==> flow/design.v <==
module u_addsub (i_clk, RST, enable, x, y, d);
  parameter DW = 14;
  input i_clk;
  input RST;
  input enable;
  input [DW-1:0] x;
  input [DW-1:0] y;
  output [DW-1:0] d;
  reg [DW-1:0] x_r;
  reg [DW-1:0] y_r;
  wire [DW:0] r;
  assign r = x_r - y_r;
  assign d = r[DW] ? {DW{1'b0}} : r[DW-1:0];
  always @(posedge i_clk or posedge RST) begin
    if (RST) begin
      x_r <= 0;
      y_r <= 0;
    end else if (enable) begin
      x_r <= x;
      y_r <= y;
    end
  end
endmodule
# Reports on u_addsub
# What the tools print for u_addsub, step after step.
# Lines are those of the file above, counted from 1.
# Cell names lack the library's common part.
# The mark - stands for no value.
dict set report inputs {
  design {u_addsub}
  clk_port {i_clk}
  library {sky130hd}
  lib_corner {tt_025C_1v80}
}

# Elaborated design
# Counts by Yosys on the flattened word-level netlist (proc, flatten, opt, wreduce; memories kept). Register bits leave out memories and registers merged into their read ports (data or address); mux counts leave out enables and synchronous resets folded into registers. Print and check cells are left out. Cells with the same type and inputs are merged into one.
dict set report classes {
  n_addsub 1
  muxes 1
}
# operator n
set ops {}
lappend ops {{subtractor 14 x 14 -> 15 bit} 1}
lappend ops {{2-to-1 mux 14 bit} 1}
dict set report bits {
  elab_cells 4
  reg_bits 28
  inputBits 31
  out_inout_bits 14
}

# Longest topological paths
# Yosys ltp: most cells in a row. Word level: on the elaborated netlist, between registers, memories and ports. Mapped: between sequential cells and ports; inverters and the memories' decode and read muxes count.
dict set report depth {
  word_depth 2
  abc_area 0
  depth_mapped 9
  depth_no_buf 8
}

# Mapped cells and area
# The flow's flattened synthesis, as Yosys stat reports it; memories are mapped. The netlist is that of the ABC_AREA named above (0 if unset); the other value can give another one.
dict set report mapped {
  buf_cells 11
  flip_flops 28
  seq_area_um2 700.7
  area_um2 1946.9
  stdcells 214
}
# cell_type n type_area_um2
set types {}
lappend types {dfrtp_1 28 700.672}
lappend types {ha_1 14 175.168}
lappend types {mux2_2 13 146.39}
lappend types {o21ai_0 21 105.101}
lappend types {nand2_1 26 97.594}
lappend types {a21oi_1 18 90.086}
lappend types {inv_1 18 67.565}
lappend types {a211oi_2 5 62.56}
lappend types {o21a_1 7 52.55}
lappend types {nor3_1 8 40.038}
lappend types {nand2b_1 5 31.28}
lappend types {nor2_1 8 30.029}
lappend types {xnor2_1 3 26.275}
lappend types {a211oi_1 3 22.522}
lappend types {a21o_1 3 22.522}
lappend types {clkbuf_1 6 22.522}
lappend types {nand4_4 1 21.27}
lappend types {a211oi_4 1 20.019}
# Not listed: further types 20, cells in them 26.

# Worst setup path after synthesis
# Path of least setup slack by OpenSTA after synthesis, without wires, with an ideal clock, recovery checks aside; 20% of the period is set as input and as output delay. Where synthesis merged equal registers, the netlist keeps one of their names.
dict set report synth_timing {
  kind {register to output}
  from {register y_r[0]}
  to {output port d[11]}
  arrival_time_ns 2.220
  setup_slack_ns 0.556
  output_delay_ns 0.694
  delay_ns 2.220
  t_required_ns 2.776
  period_ns 3.47
  path_buffers 1
  path_stages 9
  launch_ns 0.000
  synth_period_reached_ns 2.914
}
# "delay_ns" = arrival - input delay + setup time.
# A path that ends at an output port has no setup time.
# "path_stages": output pins that drive a net of the path, with the launching flip-flop's if there is one; two outputs of one cell count as two.
# "synth_period_reached_ns" is the clock period less the worst setup slack; recovery checks do not enter. This is arithmetic on one report: input and output delays are still those of the set period (20% each).
# The rows between start and end are the longest chain of elaborated cells between them; the timing report does not say that the signal goes this way. Where chains are equally long, one stands for them.
# A line is the first line of the expression or statement that the cell stems from. Yosys adds cells for indexed reads and writes and turns some case tables into memories.
dict set report synth_between {
  cell_sequence {dfrtp_1 -> ha_1 -> fa_1 -> nand2b_1 -> a211o_1 -> a211oi_4 -> o31ai_2 -> buf_6 -> a211oi_2}
  elab_chain_cells 2
  cone_cells 2
  cone_lines 2
  classes_between {1 x add/sub; 1 x mux}
}
# item line_no
set synth_rtl {}
lappend synth_rtl {{start, declared} 10} ;# reg [DW-1:0] y_r;
lappend synth_rtl {{start, assigned} 17} ;# y_r <= 0;
lappend synth_rtl {{start, assigned} 20} ;# y_r <= y;
lappend synth_rtl {{subtractor 14 x 14 -> 15 bit} 12} ;# assign r = x_r - y_r;
lappend synth_rtl {{2-to-1 mux 14 bit} 13} ;# assign d = r[DW] ? {DW{1'b0}} : r[DW-1:0];
lappend synth_rtl {{end, declared} 8} ;# output [DW-1:0] d;

# Timing after layout
# From the final timing report of run 2: the path of least setup slack in the routed layout; clock arrival at registers is part of the times.
dict set report layout_timing {
  kind {register to output}
  from {register x_r[0]}
  to {output port d[5]}
  launch_ns 0.27
  arrival_time_ns 2.61
  output_delay_ns 0.69
  period_ns 3.47
  t_required_ns 2.78
  setup_slack_ns 0.17
  path_stages 11
  path_buffers 2
}
# The rows between start and end are the longest chain of elaborated cells between them; the timing report does not say that the signal goes this way. Where chains are equally long, one stands for them.
dict set report layout_between {
  cell_sequence {dfrtp_1 -> inv_1 -> ha_1 -> fa_2 -> nand2b_4 -> a211o_1 -> a211oi_4 -> o31ai_2 -> buf_4 -> a211oi_2 -> buf_2}
  elab_chain_cells 2
  cone_cells 2
  cone_lines 2
  classes_between {1 x add/sub; 1 x mux}
}
# item line_no
set layout_rtl {}
lappend layout_rtl {{start, declared} 9} ;# reg [DW-1:0] x_r;
lappend layout_rtl {{start, assigned} 16} ;# x_r <= 0;
lappend layout_rtl {{start, assigned} 19} ;# x_r <= x;
lappend layout_rtl {{subtractor 14 x 14 -> 15 bit} 12} ;# assign r = x_r - y_r;
lappend layout_rtl {{2-to-1 mux 14 bit} 13} ;# assign d = r[DW] ? {DW{1'b0}} : r[DW-1:0];
lappend layout_rtl {{end, declared} 8} ;# output [DW-1:0] d;

; Top module u_addsub; platform sky130hd; tools Yosys and OpenROAD; 3 stored runs in no particular order. Input and output delays are each 20% of the period that was set; the output load is 0.01 pF.
; "period_reached_ns" = clock period - worst setup slack. The figure is calculated, with input and output delays left at 20% of the set period.
; "worst_path_ns" is the time allowed to the run's worst setup path (the clock period less input and output delay, where it has them) less its slack. Clock arrival times count: a late capture clock shortens it, a late launch clock lengthens it.
; By "total_power_uw" is meant OpenSTA's value without simulated activity: inputs other than the clock are taken to toggle once in ten clock periods, and the tool carries that through the logic.

[run 1: settings]
period_ns = 3.81
CORE_UTILIZATION = 43
SETUP_SLACK_MARGIN = 0.73
PLACE_DENSITY_LB_ADDON = 0.08
CORE_MARGIN = 8
CELL_PAD_IN_SITES_GLOBAL_PLACEMENT = 2
TNS_END_PERCENT = 70
ABC_AREA = 1
GPL_TIMING_DRIVEN = 1
CTS_CLUSTER_SIZE = 14
CTS_CLUSTER_DIAMETER = 298
MIN_ROUTING_LAYER = met2
MAX_ROUTING_LAYER = met5
CAP_MARGIN = 20
SLEW_MARGIN = 20
[run 1: results]
outcome = did not finish, placement stopped with FLW-0024

[run 2: settings]
period_ns = 3.47
CAP_MARGIN = 20
CORE_MARGIN = 2
CORE_UTILIZATION = 40
SLEW_MARGIN = 20
[run 2: results]
ys_area_um2 = 1946.9
design.die.area_um2 = 5441.3
final_cell_area_um2 = 2499.9
layout_utilization_pct = 52.9
worst_setup_slack_ns = 0.165
fin_tns_ns = 0.000
hold_worst_slack_ns = 0.520
total_power_uw = 1068
period_reached_ns = 3.305
worst_path_ns = 2.61
critical_path_type = register to output

[run 3: settings]
period_ns = 2.24
CORE_UTILIZATION = 33
SETUP_SLACK_MARGIN = 0.37
CORE_MARGIN = 5
MIN_ROUTING_LAYER = met1
MAX_ROUTING_LAYER = met4
CAP_MARGIN = 20
SLEW_MARGIN = 20
[run 3: results]
ys_area_um2 = 1946.9
design.die.area_um2 = 7536.0
final_cell_area_um2 = 3110.5
layout_utilization_pct = 53.5
worst_setup_slack_ns = -0.815
fin_tns_ns = -10.243
hold_worst_slack_ns = 0.527
total_power_uw = 2040
period_reached_ns = 3.055
worst_path_ns = 2.61
critical_path_type = register to output
